==> flow/design.v <==
module compare (clock, rstn, d_i, mx_o);
  parameter DW = 36;
  parameter N_IN = 3;
  input clock;
  input rstn;
  input [N_IN*DW-1:0] d_i;
  output [DW-1:0] mx_o;
  reg [DW-1:0] cur;
  integer i;
  always @(*) begin
    cur = d_i[DW-1:0];
    for (i = 1; i < N_IN; i = i + 1)
      if (d_i[i*DW +: DW] > cur) cur = d_i[i*DW +: DW];
  end
  reg [DW-1:0] mx_reg;
  always @(posedge clock or negedge rstn) begin
    if (!rstn) begin
      mx_reg <= 0;
    end else begin
      mx_reg <= cur;
    end
  end
  assign mx_o = mx_reg;
endmodule
======== Tool chain data of compare ========
A sweep over "N_IN": the same steps for each member of the family.
The file above is the member N_IN 3. Line numbers count from 1 in each member's own file.
Operators carry their Yosys type and port widths (W data, S select, Z words).
Library cell names are shortened.
Not given: --
inputs
  design top .............................. compare
  clock ................................... clock
  cell library ............................ sky130hd
  library corner .......................... tt_025C_1v80

======== Source of the members ========
Lines of each other member's file that are new or changed against the file above; lines that a member lacks are not shown.
lines new or changed
  N_IN  RTL line  text
  4     3         parameter N_IN = 4;
  10    3         parameter N_IN = 10;
  12    3         parameter N_IN = 12;

======== Word level ========
Source: Yosys, flattened and elaborated, memories not mapped. Widths are those after wreduce; folded enables and synchronous resets count as part of the registers. Registers that Yosys merges into a memory's read port (data or address) are not register bits. Print and check cells do not count. Equal cells are merged and count once.
word-level totals
  N_IN  flip-flop bits (word level)  input bits  word-level cells  output and inout bits
  3     36                           110         5                 36
  4     36                           146         7                 36
  10    36                           362         19                36
  12    36                           434         23                36
cells by class
  N_IN  mux-type cells  order comparisons
  3     2               2
  4     3               3
  10    9               9
  12    11              11
operators with widths
  N_IN  kinds with counts
  3     $gt A36 B36 Y1 (2); $mux W36 (2)
  4     $gt A36 B36 Y1 (3); $mux W36 (3)
  10    $gt A36 B36 Y1 (9); $mux W36 (9)
  12    $gt A36 B36 Y1 (11); $mux W36 (11)

======== Longest topological paths ========
Yosys ltp: most cells in a row. Word level: on the elaborated netlist, between registers, memories and ports. Mapped: between sequential cells and ports; inverters and the memories' decode and read muxes count.
depth
  N_IN  depth in word-level cells  ABC_AREA  mapped depth  depth with buffers taken out
  3     4                          0         20            16
  4     6                          0         31            25
  10    18                         0         157           142
  12    22                         0         185           169

======== After synthesis ========
Source: synth_stat.txt of the flow (Yosys; design flattened, memories mapped). It holds for the ABC_AREA given above (unset counts as 0); a run with the other value may have another netlist.
cells by type
  N_IN  types with counts
  3     dfrtp_1 (36); ha_1 (72); mux2i_1 (70); inv_1 (76); a21oi_1 (28); nand4_1 (13); buf_6 (7); o21ai_0 (13); nand2_1 (16); a21o_1 (7); nor2_1 (8); mux2_2 (2); nand3_1 (4); nor3_1 (4); a221oi_1 (2); and4_1 (2); a211oi_1 (2); nor4_2 (1); [+12]
  4     ha_1 (108); dfrtp_1 (36); mux2i_1 (36); a21o_1 (40); nor2_1 (76); nor3b_1 (36); a211oi_1 (35); a21oi_1 (42); inv_1 (41); nand4_1 (23); nand2_1 (21); a211oi_2 (5); clkbuf_1 (16); nand3_1 (12); o21ai_0 (10); buf_8 (3); buf_4 (3); o211ai_1 (3); [+49]
  10    ha_1 (312); mux2i_1 (142); mux2_2 (98); inv_1 (260); dfrtp_1 (36); a21oi_1 (157); nor2_1 (112); a21o_1 (54); nand4_1 (59); o21ai_0 (61); nor2b_1 (43); nand2_1 (55); nand2b_1 (33); o21a_1 (21); clkbuf_1 (28); and4_1 (11); nand3_1 (19); mux2_1 (7); [+148]
  12    ha_1 (380); mux2_2 (136); inv_1 (271); a21oi_1 (184); dfrtp_1 (36); o21ai_0 (156); mux2i_1 (76); a21o_1 (76); nand2_1 (152); o31ai_1 (74); nand4_1 (76); nor2_1 (95); nor2b_1 (47); and3_1 (41); nand2b_1 (37); or2_1 (34); clkbuf_1 (55); o21a_1 (22); [+253]
The mark [+n] counts cells that are not listed.
synthesis totals
  N_IN  cell count  buffer cells  chip area (Yosys) (um^2)  mapped flip-flops
  3     375         8             3520.9                    36
  4     595         27            4997.3                    36
  10    1656        41            12971.2                   36
  12    2201        77            16505.8                   36

======== Worst setup path after synthesis ========
Path of least setup slack by OpenSTA after synthesis, without wires, with an ideal clock, recovery checks aside; 20% of the period is set as input and as output delay. Where synthesis merged equal registers, the netlist keeps one of their names.
timing path post-synthesis
  N_IN  path kind     start point  end point       stages on the path  delay of the path (ns)  path slack (ns)  period (ns)  synthesis period reached (ns)
  3     input-to-reg  in d_i[35]   reg mx_reg[0]   19                  3.862                   0.963            6.03         5.067
  4     input-to-reg  in d_i[26]   reg mx_reg[11]  30                  6.251                   1.565            9.77         8.205
  10    input-to-reg  in d_i[27]   reg mx_reg[10]  155                 25.144                  6.296            39.3         33.004
  12    input-to-reg  in d_i[35]   reg mx_reg[0]   180                 30.880                  7.680            48.2         40.52
"delay of the path" = arrival - input delay + setup time.
"stages on the path" counts driving pins, that of a launching flip-flop among them; a cell with two outputs on the path counts twice.
"synthesis period reached" = period - worst setup slack (recovery checks aside). The figure is calculated, with input and output delays left at 20% of the set period.
Between the ends stands the longest chain of elaborated cells between them, by number of cells; it is not shown to be the way that was timed. Of several equally long chains one is given.
A line is the first line of the expression or statement that the cell stems from. Yosys adds cells for indexed reads and writes and turns some case tables into memories.
between the ends, post-synthesis, N_IN 3
  length of the longest elaborated chain .. 4
RTL lines, path post-synthesis, N_IN 3
  what            RTL line  text
  from (decl)     6         input [N_IN*DW-1:0] d_i;
  $gt A36 B36 Y1  13        if (d_i[i*DW +: DW] > cur) cur = d_i[i*DW +: DW];
  $mux W36        13
  $gt A36 B36 Y1  13
  $mux W36        13
  to (assign)     18        mx_reg <= 0;
  to (assign)     20        mx_reg <= cur;
  to (decl)       15        reg [DW-1:0] mx_reg;
between the ends, post-synthesis, N_IN 12
  length of the longest elaborated chain .. 22
RTL lines, path post-synthesis, N_IN 12
  what            RTL line  text
  from (decl)     6         input [N_IN*DW-1:0] d_i;
  $gt A36 B36 Y1  13        if (d_i[i*DW +: DW] > cur) cur = d_i[i*DW +: DW];
  $mux W36        13
  $gt A36 B36 Y1  13
  $mux W36        13
  $gt A36 B36 Y1  13
  $mux W36        13
  $gt A36 B36 Y1  13
  [8 not listed]  --
  $mux W36        13
  $gt A36 B36 Y1  13
  $mux W36        13
  $gt A36 B36 Y1  13
  $mux W36        13
  $gt A36 B36 Y1  13
  $mux W36        13
  to (assign)     18        mx_reg <= 0;
  to (assign)     20        mx_reg <= cur;
  to (decl)       15        reg [DW-1:0] mx_reg;

======== Path in the finished layout ========
Path of least setup slack in the final report of the run of each member (OpenROAD, finished layout, wires in). Where an end is a register, its clock arrival counts in the times.
timing path after layout
  N_IN  path kind     start point  end point       data arrival time (ns)  stages on the path  period (ns)  path slack (ns)
  3     input-to-reg  in d_i[31]   reg mx_reg[28]  5.84                    19                  6.03         0.36
  4     input-to-reg  in d_i[26]   reg mx_reg[15]  9.27                    28                  9.77         0.65
  10    input-to-reg  in d_i[31]   reg mx_reg[0]   36.56                   147                 39.3         2.92
  12    input-to-reg  in d_i[32]   reg mx_reg[0]   45.79                   176                 48.2         2.59

======== Measured runs ========
Settings and results of one run of the flow (Yosys, OpenROAD) for each member follow. The constraints put input and output delay at 20% of the set period each and load the outputs with 0.01 pF.
settings
  CAP_MARGIN .............................. 20
  CORE_MARGIN ............................. 2
  CORE_UTILIZATION ........................ 40
  SLEW_MARGIN ............................. 20
settings by member
  N_IN  period_ns
  3     6.03
  4     9.77
  10    39.3
  12    48.2
results
  N_IN  worst setup slack after layout (ns)  Yosys chip area after synthesis (um^2)  area of the die (um^2)  final setup TNS (ns)  standard-cell area after routing (um^2)  final utilization
  3     0.358                                3520.9                                  9568.8                  0.000                 5201.2                                   0.602
  4     0.646                                4997.3                                  13403.9                 0.000                 7133.1                                   0.589
  10    2.916                                12971.2                                 33883.6                 0.000                 17531.8                                  0.553
  12    2.586                                16505.8                                 42904.9                 0.000                 21993.6                                  0.54
